==> flow/design.v <==
module ex_sum_block #(
  parameter int WD = 40
) (
  input  logic clk,
  input  logic aresetn,
  input  logic clk_en,
  input  logic [WD-1:0] src1,
  input  logic [WD-1:0] src2,
  output logic [WD:0] res
);
  logic [WD-1:0] src1_reg;
  always_ff @(posedge clk or negedge aresetn) begin
    if (!aresetn) begin
      src1_reg <= '0;
    end else if (clk_en) begin
      src1_reg <= src1;
    end
  end
  logic [WD-1:0] src2_reg;
  always_ff @(posedge clk or negedge aresetn) begin
    if (!aresetn) begin
      src2_reg <= '0;
    end else if (clk_en) begin
      src2_reg <= src2;
    end
  end
  assign res = src1_reg + src2_reg;
endmodule
* Step by step through the tools: ex_sum_block
What the tools print for ex_sum_block, step after step.
Lines are those of the file above, counted from 1.
Cell names lack the library's common part.
Not given: --
- Top :: ex_sum_block
- Clock port :: clk
- Library :: sky130hd
- Timing corner :: tt_025C_1v80

* Word-level counts
Source: Yosys, flattened and elaborated, memories not mapped. Widths are those after wreduce; folded enables and synchronous resets count as part of the registers. Registers that Yosys merges into a memory's read port (data or address) are not register bits. Print and check cells do not count. Equal cells are merged and count once.
- Register bits :: 80
- Bits of input ports :: 83
- Output and inout bits :: 41
- Word-level cells :: 3
- Add/sub/neg operators :: 1
** Operators with widths (number)
- 40-bit by 40-bit adder with 41-bit output :: 1

* Depth
Yosys ltp: most cells in a row. Word level: on the elaborated netlist, between registers, memories and ports. Mapped: between sequential cells and ports; inverters and the memories' decode and read muxes count.
- Depth after elaboration :: 1
- ABC_AREA :: 0
- Depth in mapped cells :: 11
- Mapped depth without buffers :: 11

* After synthesis
Yosys stat after the flow's synthesis: flattened, memories mapped to cells. It holds for the ABC_AREA given above (unset counts as 0); a run with the other value may have another netlist.
** Cells by type
- dfrtp_1 :: number 80, area in all 2001.92 um^2
- mux2_2 :: number 80, area in all 900.864 um^2
- ha_1 :: number 40, area in all 500.48 um^2
- a21oi_1 :: number 45, area in all 225.216 um^2
- xnor2_1 :: number 22, area in all 192.685 um^2
- xor2_1 :: number 16, area in all 140.134 um^2
- a21o_1 :: number 18, area in all 135.13 um^2
- nand2_1 :: number 32, area in all 120.115 um^2
- nand3_1 :: number 11, area in all 55.053 um^2
- o21ai_0 :: number 11, area in all 55.053 um^2
- nor2_1 :: number 13, area in all 48.797 um^2
- clkbuf_1 :: number 12, area in all 45.043 um^2
- o21bai_1 :: number 5, area in all 37.536 um^2
- inv_1 :: number 7, area in all 26.275 um^2
- o21ai_1 :: number 5, area in all 25.024 um^2
- a211oi_1 :: number 3, area in all 22.522 um^2
- o211ai_1 :: number 3, area in all 22.522 um^2
- a31oi_4 :: number 1, area in all 21.27 um^2
Other cell types: 28; their cells: 42.
- Cell count :: 446
- Chip area (Yosys) :: 4907.2 um^2
- Area of sequential cells :: 2001.9 um^2
- Flip-flop cells :: 80
- Buffer cells :: 17

* Timing after synthesis
Source: OpenSTA report_checks on the synthesized netlist (no wires, ideal clock, input and output delay 20% of the period each), path of least setup slack; recovery checks are left aside. Register names are those of the netlist, which keeps one name where synthesis merged equal registers.
- Path type :: register to output
- Start :: register src1_reg[0]
- End :: output res[40]
- Period :: 3920 ps
- Output delay :: 784 ps
- Time at the first pin :: 0 ps
- Arrival time :: 2510 ps
- Data required time :: 3136 ps
- Path slack :: 626 ps
- Delay of the path :: 2510 ps
- Stages :: 12
- Buffers on the path :: 0
- Synthesis period reached :: 3294 ps
"delay of the path" = arrival - input delay + setup time.
A path that ends at an output port has no setup time.
"stages": output pins that drive a net of the path, with the launching flip-flop's if there is one; two outputs of one cell count as two.
"synthesis period reached" is the clock period less the worst setup slack; recovery checks do not enter. This is arithmetic on one report: input and output delays are still those of the set period (20% each).
The rows between start and end are the longest chain of elaborated cells between them; the timing report does not say that the signal goes this way. Where chains are equally long, one stands for them.
Each line given opens the expression or statement behind the cell; cells for indexed reads and writes are added by Yosys, which also makes memories of some case tables.
- Cells stage by stage :: dfrtp_1 -> ha_1 -> fa_1 -> a211oi_1 -> o21ai_1 -> nand3_1 -> o2bb2ai_2 -> nand3_1 -> nand2_1 -> or2_1 -> a311o_1 -> a21o_1
- Length of the longest elaborated chain :: 1
- Elaborated cells on any way between the ends :: 1
- RTL lines with such cells :: 1
- Those cells by class :: add/sub (1)
** RTL lines, path after synthesis
- start: declaration :: line 11 : logic [WD-1:0] src1_reg;
- start: assignment :: line 14 : src1_reg <= '0;
- start: assignment :: line 16 : src1_reg <= src1;
- 40-bit by 40-bit adder with 41-bit output :: line 27 : assign res = src1_reg + src2_reg;
- end: declaration :: line 9 : output logic [WD:0] res

* Path in the finished layout
Path of least setup slack in the final report of run 1 (OpenROAD, finished layout, wires in). Where an end is a register, its clock arrival counts in the times.
The report prints the path's times to 10 ps; the period is as set.
- Path type :: register to output
- Start :: register src2_reg[25]
- End :: output res[40]
- Period :: 1940 ps
- Output delay :: 390 ps
- Time at the first pin :: 380 ps
- Arrival time :: 3260 ps
- Data required time :: 1550 ps
- Path slack :: -1710 ps
- Stages :: 12
- Buffers on the path :: 1
The rows between start and end are the longest chain of elaborated cells between them; the timing report does not say that the signal goes this way. Where chains are equally long, one stands for them.
- Cells stage by stage :: dfrtp_1 -> ha_4 -> a21o_1 -> a21oi_2 -> nor2_2 -> o41ai_2 -> o32a_1 -> nand2_2 -> or2_4 -> a311o_1 -> a21o_1 -> buf_2
- Length of the longest elaborated chain :: 1
- Elaborated cells on any way between the ends :: 1
- RTL lines with such cells :: 1
- Those cells by class :: add/sub (1)
** RTL lines, path after layout
- start: declaration :: line 19 : logic [WD-1:0] src2_reg;
- start: assignment :: line 22 : src2_reg <= '0;
- start: assignment :: line 24 : src2_reg <= src2;
- 40-bit by 40-bit adder with 41-bit output :: line 27 : assign res = src1_reg + src2_reg;
- end: declaration :: line 9 : output logic [WD:0] res

Flow measurements of ex_sum_block on sky130hd: 3 stored runs with different settings, listed in no order. Input and output delays are each 20% of the period that was set; the output load is 0.01 pF.
"period achieved" = clock period - worst setup slack. The figure is calculated, with input and output delays left at 20% of the set period.
By "worst path time" is meant the share of the clock period that the worst setup path is allowed (20% is reserved at inputs, 20% at outputs), minus its slack. Clock arrival times at its registers enter into it.
"total power of the final layout": no workload was simulated; the value follows from the tool's default switching activity.
"worst path time" is known to 10 ps.

** Run 1
- Settings :: period_ns=1.94; CORE_UTILIZATION=54; PLACE_DENSITY=0.46; CTS_CLUSTER_SIZE=53; CTS_CLUSTER_DIAMETER=94; MAX_ROUTING_LAYER=met5; CAP_MARGIN=20; CORE_MARGIN=2; SLEW_MARGIN=20
- Summed negative setup slack :: -45432 ps
- Standard-cell area after routing :: 8114.0 um^2
- Worst path time :: 3260 ps
- Critical path type :: register to output
- Utilization after routing :: 0.926
- Period achieved :: 3649 ps
- Worst setup slack after layout :: -1709 ps
- Area of the synthesized netlist :: 4907.2 um^2
- Die area :: 9865.5 um^2
- Total power of the final layout :: 0.007471 W

** Run 2
- Settings :: period_ns=3.92; CAP_MARGIN=20; CORE_MARGIN=2; CORE_UTILIZATION=40; SLEW_MARGIN=20
- Summed negative setup slack :: 0 ps
- Die area :: 13169.9 um^2
- Total power of the final layout :: 0.003263 W
- Utilization after routing :: 0.571
- Area of the synthesized netlist :: 4907.2 um^2
- Period achieved :: 3786 ps
- Worst path time :: 3000 ps
- Critical path type :: register to output
- Standard-cell area after routing :: 6861.6 um^2
- Worst setup slack after layout :: 134 ps

** Run 3
- Settings :: period_ns=3.97; CORE_UTILIZATION=26; SETUP_SLACK_MARGIN=-0.17; PLACE_DENSITY=0.6; CELL_PAD_IN_SITES_DETAIL_PLACEMENT=2; GPL_ROUTABILITY_DRIVEN=0; CAP_MARGIN=15; MIN_ROUTING_LAYER=met2; CORE_MARGIN=2; SLEW_MARGIN=20
- Standard-cell area after routing :: 6986.7 um^2
- Die area :: 19988.3 um^2
- Worst path time :: 3170 ps
- Critical path type :: register to output
- Worst setup slack after layout :: 6 ps
- Period achieved :: 3964 ps
- Summed negative setup slack :: 0 ps
- Area of the synthesized netlist :: 4907.2 um^2
- Utilization after routing :: 0.375
- Total power of the final layout :: 0.003285 W
